==> flow/design.v <==
module dp_sum_block_p #(
    parameter int DATA_W = 4
) (
    input logic i_clk,
    input logic ce,
    input logic [DATA_W-1:0] opa,
    input logic [DATA_W-1:0] opb,
    output logic [DATA_W-1:0] res
);
    logic [DATA_W-1:0] opa_r;
    logic [DATA_W-1:0] opb_r;
    always_ff @(posedge i_clk) begin
        if (ce) begin
            opa_r <= opa;
            opb_r <= opb;
        end
    end
    logic [DATA_W:0] t;
    assign t = opa_r + opb_r;
    logic [DATA_W-1:0] res_r;
    always_ff @(posedge i_clk) begin
        if (ce) begin
            res_r <= t[DATA_W] ? {DATA_W{1'b1}} : t[DATA_W-1:0];
        end
    end
    assign res = res_r;
endmodule
# Step by step through the tools: dp_sum_block_p
# Module dp_sum_block_p in several versions that differ in "DATA_W"; each step lists the members.
# The RTL above is that of DATA_W = 4; lines are counted from 1 in the file of the member named.
# Cell names lack the library's common part.
# Not given: --
# inputs
top_module	dp_sum_block_p
clock	i_clk
cell_library	sky130hd
corner	tt_025C_1v80

# Members of the sweep
# New or changed lines of each further member against the RTL above, in its own file; lines it lacks are not shown.
# src_changes
DATA_W	line	text
14	2	parameter int DATA_W = 14
96	2	parameter int DATA_W = 96

# Elaborated design
# Source: Yosys, flattened and elaborated, memories not mapped. Widths are those after wreduce; folded enables and synchronous resets count as part of the registers. Registers that Yosys merges into a memory's read port (data or address) are not register bits. Print and check cells do not count. Equal cells are merged and count once.
# op_classes
DATA_W	add_sub_neg
4	1
14	1
96	1
# ops
DATA_W	op_list
4	4-bit by 4-bit adder with 5-bit output: 1
14	14-bit by 14-bit adder with 15-bit output: 1
96	96-bit by 96-bit adder with 97-bit output: 1
# word_totals
DATA_W	regBits	output_inout_bits	wordCells
4	12	4	4
14	42	14	4
96	288	96	4

# Longest topological paths
# Yosys ltp: most cells in a row. Word level: on the elaborated netlist, between registers, memories and ports. Mapped: between sequential cells and ports; inverters and the memories' decode and read muxes count.
# logic_depth
DATA_W	ltp_word	ABC_AREA	ltp_mapped
4	1	0	6
14	1	0	8
96	1	0	13

# Mapped cells and area
# Source: synth_stat.txt of the flow (Yosys; design flattened, memories mapped). It holds for the ABC_AREA given above (unset counts as 0); a run with the other value may have another netlist.
# synth_totals
DATA_W	stdcells	area_mm2	ffs	buf_cells
4	33	0.000528	12	0
14	143	0.0019957	42	2
96	1352	0.015411	288	49
# by_type
DATA_W	cell_types
4	edfxtp_1: 12; ha_1: 4; fa_1: 1; inv_1: 3; a2111oi_0: 1; a2bb2oi_1: 1; or3b_1: 1; xnor2_1: 1; a21o_1: 1; nand3b_1: 1; a31oi_1: 1; nor2b_1: 1; or2_2: 1; nor3_1: 1; o21ai_1: 1; nand2_1: 1; nor2_1: 1
14	edfxtp_1: 42; ha_1: 14; a21oi_1: 11; nand2_1: 14; xnor2_1: 5; xor2_1: 4; o21ai_0: 6; o41ai_4: 1; nor2_1: 7; a21o_1: 3; inv_1: 6; fa_1: 1; mux2i_1: 2; or3_1: 3; a221oi_2: 1; a311oi_2: 1; o221ai_2: 1; and3_1: 2; (+19)
96	edfxtp_1: 288; ha_1: 96; nand2_1: 185; a21oi_1: 126; o21ai_0: 76; nor2_1: 91; xnor2_1: 37; a21o_1: 41; xor2_1: 32; nand4_1: 33; o21bai_1: 21; nor3_1: 27; inv_1: 34; a211oi_1: 14; clkbuf_1: 27; buf_6: 8; nand3_1: 18; and3_1: 12; (+186)
# A list marked (+n) leaves out that many cells.

# Worst setup path after synthesis
# Path of least setup slack by OpenSTA after synthesis, without wires, with an ideal clock, recovery checks aside; 20% of the period is set as input and as output delay. Where synthesis merged equal registers, the netlist keeps one of their names.
# synth_path
DATA_W	kind	from	to	tclk_ps	path_slack_ps	stages	delay_ps	period_less_setup_slack_ps
4	register to register	reg opa_r[0]	reg res_r[2]	2120	425	7	1695	1695
14	register to register	reg opa_r[0]	reg res_r[10]	2880	580	9	2300	2300
96	register to register	reg opa_r[0]	reg res_r[56]	3930	788	14	3142	3142
# "delay_ps" = arrival - input delay + setup time.
# "stages" counts driving pins, that of a launching flip-flop among them; a cell with two outputs on the path counts twice.
# "period_less_setup_slack_ps" is the clock period less the worst setup slack; recovery checks do not enter. This is arithmetic on one report: input and output delays are still those of the set period (20% each).
# The rows between start and end are the longest chain of elaborated cells between them; the timing report does not say that the signal goes this way. Where chains are equally long, one stands for them.
# Each line given opens the expression or statement behind the cell; cells for indexed reads and writes are added by Yosys, which also makes memories of some case tables.
# synth_via_DATA_W_4
elab_chain_len	1
# synth_rtl_DATA_W_4
item	line	text
start: declaration	10	logic [DATA_W-1:0] opa_r;
start: assignment	14	opa_r <= opa;
4-bit by 4-bit adder with 5-bit output	19	assign t = opa_r + opb_r;
end: assignment	23	res_r <= t[DATA_W] ? {DATA_W{1'b1}} : t[DATA_W-1:0];
end: declaration	20	logic [DATA_W-1:0] res_r;
# synth_via_DATA_W_96
elab_chain_len	1
# synth_rtl_DATA_W_96
item	line	text
start: declaration	10	logic [DATA_W-1:0] opa_r;
start: assignment	14	opa_r <= opa;
96-bit by 96-bit adder with 97-bit output	19	assign t = opa_r + opb_r;
end: assignment	23	res_r <= t[DATA_W] ? {DATA_W{1'b1}} : t[DATA_W-1:0];
end: declaration	20	logic [DATA_W-1:0] res_r;

# Timing after layout
# Path of least setup slack in the final report of the run of each member (OpenROAD, finished layout, wires in). Where an end is a register, its clock arrival counts in the times.
# The report prints the path's times to 10 ps; the period is as set.
# layout_path
DATA_W	kind	from	to	tclk_ps	path_slack_ps	stages	arrival_ps
4	register to register	reg opa_r[0]	reg res_r[2]	2120	340	7	1790
14	register to register	reg opa_r[0]	reg res_r[8]	2880	430	9	2480
96	register to register	reg opa_r[31]	reg res_r[94]	3930	230	12	4030

# Measured runs
# One run of the flow (Yosys, OpenROAD) for each member, with settings and measured results. Input and output delays are each 20% of the period that was set; the output load is 0.01 pF.
# settings
CAP_MARGIN	20
CORE_MARGIN	2
CORE_UTILIZATION	40
SLEW_MARGIN	20
# settings_diff
DATA_W	period_ns
4	2.12
14	2.88
96	3.93
# results
DATA_W	synthesis_area_mm2	final_die_area_mm2	final_stdcell_area_mm2	finish.utilization_frac	final_setup_ws_ps	setupTns_ps	hold_ws_ps	power.total_mw	achievedPeriod_ps
4	0.000528	0.0016265	0.0006994	0.551	342	0	644	0.5330	1778
14	0.0019957	0.0055704	0.002585	0.544	433	0	669	1.527	2447
96	0.015411	0.0401141	0.0198228	0.524	226	0	632	9.280	3704
# "achievedPeriod_ps" = clock period - worst setup slack. The figure is calculated, with input and output delays left at 20% of the set period.
# "power.total_mw": no workload was simulated; the value follows from the tool's default switching activity.
